==> flow/design.v <==
module mux_stage (clk_i, aresetn, adv, d_0_in, d_1_in, d_2_in, d_3_in, d_4_in, d_5_in, d_6_in, select_in, o_out);
  parameter BITS = 32;
  input clk_i;
  input aresetn;
  input adv;
  input [BITS-1:0] d_0_in;
  input [BITS-1:0] d_1_in;
  input [BITS-1:0] d_2_in;
  input [BITS-1:0] d_3_in;
  input [BITS-1:0] d_4_in;
  input [BITS-1:0] d_5_in;
  input [BITS-1:0] d_6_in;
  input [2:0] select_in;
  output reg [BITS-1:0] o_out;
  reg [BITS-1:0] work;
  always @* begin
    if (select_in == 0) work = d_0_in;
    else if (select_in == 1) work = d_1_in;
    else if (select_in == 2) work = d_2_in;
    else if (select_in == 3) work = d_3_in;
    else if (select_in == 4) work = d_4_in;
    else if (select_in == 5) work = d_5_in;
    else work = d_6_in;
  end
  always @(posedge clk_i or negedge aresetn) begin
    if (~aresetn) begin
      o_out <= 0;
    end else if (adv) begin
      o_out <= work;
    end
  end
endmodule
# Step by step through the tools: mux_stage
# The steps from the RTL of mux_stage to its reports follow in flow order.
# Lines are those of the file above, counted from 1.
# Operators: Yosys type, input widths -> output width; for muxes data width and select width s.
# Library cell names are shortened.
# A cell with n/a has no value.
# inputs
top_module,mux_stage
clk_port,clk_i
lib,sky130hd
pvt_corner,tt_025C_1v80

# Elaborated design
# Counts by Yosys on the flattened word-level netlist (proc, flatten, opt, wreduce; memories kept). Register bits leave out memories and registers merged into their read ports (data or address); mux counts leave out enables and synchronous resets folded into registers. Print and check cells are left out. Cells with the same type and inputs are merged into one.
# word_totals
regBits,32
word_cells,13
output_inout_bits,32
inputBits,230
# op_classes
mux,6
n_eq,5
reduce_and_logical,1
# op_table
operator,count
$mux 32,6
$eq 3x2->1 const B,2
$eq 3x3->1 const B,2
$eq 3x1->1 const B,1
$logic_not 3->1,1

# Logic depth
# Yosys ltp: most cells in a row. Word level: on the elaborated netlist, between registers, memories and ports. Mapped: between sequential cells and ports; inverters and the memories' decode and read muxes count.
# logic_depth
ltp_word,7
ABC_AREA,0
ltp_mapped,7
depth_no_buf,4

# Netlist
# The flow's flattened synthesis, as Yosys stat reports it; memories are mapped. The netlist is that of the ABC_AREA named above (0 if unset); the other value can give another one.
# types
cell_type,count,type_area_um2
dfrtp_1,32,800.768
o221a_1,32,360.346
nor3b_2,28,350.336
mux2i_1,32,320.307
a22oi_1,32,240.23
nand2b_1,33,206.448
o22ai_1,29,181.424
mux2_2,15,168.912
a21oi_1,32,160.154
mux2_4,10,150.144
o21ai_1,29,145.139
inv_1,32,120.115
buf_6,7,78.826
mux2_1,7,78.826
clkbuf_1,17,63.811
buf_12,3,60.058
buf_8,4,60.058
buf_2,11,55.053
# Other cell types: 8; their cells: 16.
# synth_totals
buf_cells,45
mapped_area_um2,3737.3
cell_count,401
seq_area_um2,800.8
ffs,32

# Worst setup path after synthesis
# Source: OpenSTA report_checks on the synthesized netlist (no wires, ideal clock, input and output delay 20% of the period each), path of least setup slack; recovery checks are left aside. Register names are those of the netlist, which keeps one name where synthesis merged equal registers.
# synth_timing
path_type,input-to-reg
startpoint,in select_in[1]
endpoint,reg o_out[10]
n_path_buf,3
period_ns,1.72
arrival_ns,1.313
setup_slack_ns,0.272
required_ns,1.585
delay_ns,1.104
input_delay_ns,0.344
launch_ns,0.344
path_stages,7
setup_ns,0.135
synth_period_reached_ns,1.448
# "delay_ns" is the arrival time less input delay plus setup time.
# "path_stages": output pins that drive a net of the path, with the launching flip-flop's if there is one; two outputs of one cell count as two.
# "synth_period_reached_ns" is the clock period less the worst setup slack; recovery checks do not enter. This is arithmetic on one report: input and output delays are still those of the set period (20% each).
# Between the ends stands the longest chain of elaborated cells between them, by number of cells; it is not shown to be the way that was timed. Of several equally long chains one is given.
# Each line given opens the expression or statement behind the cell; cells for indexed reads and writes are added by Yosys, which also makes memories of some case tables.
# synth_via
path_cell_list,buf_6 > and2_1 > buf_2 > buf_2 > a22oi_1 > o221a_1 > o22ai_2
elab_chain_cells,7
cells_between,12
cone_lines,6
classes_between,eq/ne (5); mux (6); reduce/logical (1)
# synth_rtl
item,line,source
start: declaration,13,input [2:0] select_in;
$eq 3x3->1,22,else if (select_in == 5) work = d_5_in;
$mux 32,22,
$mux 32,21,else if (select_in == 4) work = d_4_in;
$mux 32,20,else if (select_in == 3) work = d_3_in;
$mux 32,19,else if (select_in == 2) work = d_2_in;
$mux 32,18,else if (select_in == 1) work = d_1_in;
$mux 32,17,if (select_in == 0) work = d_0_in;
end: assignment,27,o_out <= 0;
end: assignment,29,o_out <= work;
end: declaration,14,output reg [BITS-1:0] o_out;

# Path in the finished layout
# Path of least setup slack in the final report of run 1 (OpenROAD, finished layout, wires in). Where an end is a register, its clock arrival counts in the times.
# layout_timing
path_type,reg-to-output
startpoint,reg o_out[22]
endpoint,out o_out[22]
required_ns,1.38
period_ns,1.72
path_stages,2
output_delay_ns,0.34
launch_ns,0.27
arrival_ns,1.25
setup_slack_ns,0.13
n_path_buf,1
# layout_via
path_cell_list,dfrtp_1 > clkdlybuf4s50_1
elab_chain_cells,0
cells_between,0
cone_lines,0
# layout_rtl
item,line,source
start: declaration,14,output reg [BITS-1:0] o_out;
start: assignment,27,o_out <= 0;
start: assignment,29,o_out <= work;
end: declaration,14,

# mux_stage through Yosys and OpenROAD on sky130hd: 3 stored runs, unordered, with their settings and measured results. The constraints put input and output delay at 20% of the set period each and load the outputs with 0.01 pF.
# "achieved_period_ns" means the clock period less the worst setup slack. The figure is calculated, with input and output delays left at 20% of the set period.
# "worst_path_ns": the worst setup path's part of the clock period (all of it between registers, 20% less for each end at a port) less its slack. A launch clock that arrives late makes it longer, a capture clock that arrives late makes it shorter.
# "power.total_mw" rests on the timing tool's default activity at the inputs, not on a simulated workload.
# A setting shown as - is not set for that run.
setting or result,run 1,run 2,run 3
period_ns,1.72,1.78,1.0
CAP_MARGIN,20,20,40
CORE_MARGIN,2,3,2
CORE_UTILIZATION,40,34,24
SLEW_MARGIN,20,0,20
SETUP_SLACK_MARGIN,-,0.21,0.19
CELL_PAD_IN_SITES_GLOBAL_PLACEMENT,-,1,-
GPL_ROUTABILITY_DRIVEN,-,0,1
CTS_CLUSTER_DIAMETER,-,271,-
MAX_ROUTING_LAYER,-,met4,met5
PLACE_DENSITY_LB_ADDON,-,-,0.23
HOLD_SLACK_MARGIN,-,-,-0.05
CORE_ASPECT_RATIO,-,-,0.68
TNS_END_PERCENT,-,-,5
ABC_AREA,-,-,1
layout_utilization_pct,71.5,62.6,50.7
achieved_period_ns,1.591,1.563,1.353
tns_setup_ns,0.000,0.000,-8.698
yosys_chip_area_um2,3737.3,3737.3,3544.6
finish.stdcell_area_um2,6543.8,6578.8,7279.5
final_die_area_um2,10132.4,12286.6,15775.5
worst_setup_slack_ns,0.129,0.217,-0.353
power.total_mw,3.094,3.018,6.056
worst_path_ns,1.25,1.21,1.15
critical_path_type,reg-to-output,input-to-reg,input-to-reg
